==> flow/design.v <==
module cpu_cmp_n (i_clk, i_rst, clk_en, in_arg0, in_arg1, out_is_lt, out_same, out_above);
   parameter BITS = 80;
   input i_clk;
   input i_rst;
   input clk_en;
   input [BITS-1:0] in_arg0;
   input [BITS-1:0] in_arg1;
   output out_is_lt;
   output out_same;
   output out_above;
   reg [BITS-1:0] arg0_reg;
   always @(posedge i_clk) begin
      if (i_rst) begin
         arg0_reg <= 0;
      end else if (clk_en) begin
         arg0_reg <= in_arg0;
      end
   end
   reg [BITS-1:0] arg1_reg;
   always @(posedge i_clk) begin
      if (i_rst) begin
         arg1_reg <= 0;
      end else if (clk_en) begin
         arg1_reg <= in_arg1;
      end
   end
   assign out_is_lt = (arg0_reg < arg1_reg);
   assign out_same = (arg0_reg == arg1_reg);
   assign out_above = (arg0_reg > arg1_reg);
endmodule
-- Tool chain data of cpu_cmp_n
Tool output for the design above, in the order of the flow.
Line numbers count from 1 in the design file above.
Cell names lack the library's common part.
Not given: --
- top module: cpu_cmp_n
- clock input: i_clk
- standard-cell library: sky130hd
- timing corner: tt_025C_1v80

-- After elaboration
Counts by Yosys on the flattened word-level netlist (proc, flatten, opt, wreduce; memories kept). Register bits leave out memories and registers merged into their read ports (data or address); mux counts leave out enables and synchronous resets folded into registers. Print and check cells are left out. Cells with the same type and inputs are merged into one.
- order comparisons: 2
- noted eq/ne operators: 1
- operators with widths (kind ; number):
    greater-than comparator 80 bit ; 1
    less-than comparator 80 bit ; 1
    equality test 80 bit ; 1
- word-level cells at 5
- output and inout port bits: 3
- noted bits in registers: 160
- noted input port bits: 163

-- Longest topological paths
Longest topological path by Yosys (ltp), each cell counted once; first at word level (registers and memories cut), then after technology mapping (sequential cells cut; the memories' decode and read muxes count).
- depth after elaboration: 1
- noted ABC_AREA: 0
- gate-level depth with buffers at 8
- noted mapped depth without buffers: 8

-- After synthesis
Source: synth_stat.txt of the flow (Yosys; design flattened, memories mapped). It holds for the ABC_AREA given above (unset counts as 0); a run with the other value may have another netlist.
- cell types (type ; number ; total area (sq um)):
    dfxtp_1 ; 160 ; 3.2E+03
    mux2i_1 ; 160 ; 1.6E+03
    ha_1 ; 80 ; 1000.96
    nor2_1 ; 170 ; 638.112
    inv_1 ; 84 ; 315.302
    a21oi_1 ; 29 ; 145.139
    nand4_1 ; 17 ; 106.352
    buf_2 ; 16 ; 80.077
    clkbuf_1 ; 20 ; 75.072
    nand2_1 ; 20 ; 75.072
    a211oi_1 ; 6 ; 45.043
    o21ai_0 ; 7 ; 35.034
    a221oi_1 ; 3 ; 26.275
    nand4_2 ; 2 ; 25.024
    nor4_1 ; 4 ; 25.024
    a21o_1 ; 3 ; 22.522
    nor4_4 ; 1 ; 21.27
    nand3_1 ; 4 ; 20.019
Other cell types: 14; their cells: 23.
- flip-flop cells at 160
- chip area (Yosys): 7633.6 sq um
- sequential part of the area at 3203.1 sq um
- buffer cells at 36
- noted cell count: 809

-- Path before layout
OpenSTA on the mapped netlist: ideal clock, no wires. The path of least setup slack (recovery checks aside). Input and output delay are each 20% of the period. Register names are those of the netlist, which keeps one name where synthesis merged equal registers.
- kind: reg2out
- from: register arg1_reg[14]
- to: output port out_above
- time at the first pin at 0 ps
- noted data required time: 2336 ps
- period at 2920 ps
- noted path buffers: 0
- delay of the path at 1871 ps
- output delay at 584 ps
- data arrival time at 1871 ps
- noted slack: 465 ps
- noted stages on the path: 7
- synthesis period reached: 2455 ps
"delay of the path" is the arrival time less input delay plus setup time.
At an output port there is no setup time.
"stages on the path": output pins that drive a net of the path, with the launching flip-flop's if there is one; two outputs of one cell count as two.
"synthesis period reached" = period - worst setup slack (recovery checks aside). The figure is calculated, with input and output delays left at 20% of the set period.
The rows between start and end are the longest chain of elaborated cells between them; the timing report does not say that the signal goes this way. Where chains are equally long, one stands for them.
A line is the first line of the expression or statement that the cell stems from. Yosys adds cells for indexed reads and writes and turns some case tables into memories.
- path through: dfxtp_1 -> inv_1 -> ha_1 -> nand4_2 -> or4_4 -> nor4_2 -> a21oi_1
- noted cells in the longest elaborated chain: 1
- elaborated cells between the ends (all ways) at 1
- noted source lines of those cells: 1
- those cells by class: 1 x compare
- ends and longest elaborated chain, after synthesis (what ; line ; text):
    from (decl) ; 19 ; reg [BITS-1:0] arg1_reg;
    from (assign) ; 22 ; arg1_reg <= 0;
    from (assign) ; 24 ; arg1_reg <= in_arg1;
    greater-than comparator 80 bit ; 29 ; assign out_above = (arg0_reg > arg1_reg);
    to (decl) ; 10 ; output out_above;

-- Path in the finished layout
Path of least setup slack in the final report of flow run A (OpenROAD, finished layout, wires in). Where an end is a register, its clock arrival counts in the times.
The report prints the path's times to 10 ps; the period is as set.
- kind: reg2out
- from: register arg1_reg[28]
- to: output port out_is_lt
- noted slack: -930 ps
- noted path buffers: 2
- output delay at 390 ps
- noted stages on the path: 11
- period at 1940 ps
- noted data required time: 1550 ps
- data arrival time at 2480 ps
- time at the first pin at 430 ps
The rows between start and end are the longest chain of elaborated cells between them; the timing report does not say that the signal goes this way. Where chains are equally long, one stands for them.
- path through: dfxtp_1 -> inv_1 -> ha_1 -> nand4_1 -> buf_4 -> nor2_1 -> a22oi_2 -> a21boi_2 -> o41ai_4 -> and2_4 -> buf_6
- noted cells in the longest elaborated chain: 1
- elaborated cells between the ends (all ways) at 1
- noted source lines of those cells: 1
- those cells by class: 1 x compare
- ends and longest elaborated chain, after layout (what ; line ; text):
    from (decl) ; 19 ; reg [BITS-1:0] arg1_reg;
    from (assign) ; 22 ; arg1_reg <= 0;
    from (assign) ; 24 ; arg1_reg <= in_arg1;
    less-than comparator 80 bit ; 27 ; assign out_is_lt = (arg0_reg < arg1_reg);
    to (decl) ; 8 ; output out_is_lt;

Subject: flow runs of cpu_cmp_n

Hi,

Measured data: module cpu_cmp_n, platform sky130hd, 3 stored runs of the flow under differing settings, order arbitrary. Input and output delays are each 20% of the period that was set; the output load is 0.01 pF.
By "period reached" is meant the clock period of the run minus its worst setup slack. This is arithmetic on one report: input and output delays are still those of the set period (20% each).
"critical path time": the worst setup path's part of the clock period (all of it between registers, 20% less for each end at a port) less its slack. A launch clock that arrives late makes it longer, a capture clock that arrives late makes it shorter.
"total power after layout" is the tool's figure for a default switching activity; nothing was simulated.
"critical path time" is known to 10 ps.

Flow run A
Settings were period_ns = 1.94; CORE_UTILIZATION = 24; PLACE_DENSITY_LB_ADDON = 0.01; CORE_ASPECT_RATIO = 1.14; CELL_PAD_IN_SITES_GLOBAL_PLACEMENT = 3; TNS_END_PERCENT = 35; ABC_AREA = 0; GPL_TIMING_DRIVEN = 0; SLEW_MARGIN = 10; MIN_ROUTING_LAYER = met1; CAP_MARGIN = 20; CORE_MARGIN = 2
- total power after layout: 0.008631 W
- noted the die outline area: 33252.6 sq um
- total negative slack: -2751 ps
- setup slack of the critical path: -926 ps
- chip area after synthesis (Yosys): 7633.6 sq um
- noted the critical path time: 2480 ps
- critical path type: reg2out
- noted the standard-cell area after layout: 11033.1 sq um
- noted the worst hold slack in the final report: 481 ps
- noted the final utilization: 0.353
- period reached at 2866 ps

Flow run B
Settings were period_ns = 1.5; CORE_UTILIZATION = 25; SETUP_SLACK_MARGIN = -0.1; PLACE_DENSITY_LB_ADDON = 0.04; CORE_ASPECT_RATIO = 1.28; CORE_MARGIN = 5; CELL_PAD_IN_SITES_GLOBAL_PLACEMENT = 1; TNS_END_PERCENT = 15; GPL_ROUTABILITY_DRIVEN = 1; CAP_MARGIN = 20; SLEW_MARGIN = 20
- period reached at 2903 ps
- setup slack of the critical path: -1403 ps
- noted the critical path time: 2600 ps
- critical path type: reg2out
- chip area after synthesis (Yosys): 7633.6 sq um
- noted the die outline area: 34155.4 sq um
- total negative slack: -4020 ps
- noted the worst hold slack in the final report: 273 ps
- noted the final utilization: 0.387
- total power after layout: 0.011696 W
- noted the standard-cell area after layout: 11667.4 sq um

Flow run C
Settings were period_ns = 2.92; CAP_MARGIN = 20; CORE_MARGIN = 2; CORE_UTILIZATION = 40; SLEW_MARGIN = 20
- noted the worst hold slack in the final report: 486 ps
- noted the standard-cell area after layout: 10860.4 sq um
- period reached at 3157 ps
- noted the die outline area: 20205.2 sq um
- chip area after synthesis (Yosys): 7633.6 sq um
- noted the critical path time: 2570 ps
- critical path type: reg2out
- total negative slack: -616 ps
- setup slack of the critical path: -237 ps
- total power after layout: 0.005773 W
- noted the final utilization: 0.581

Regards
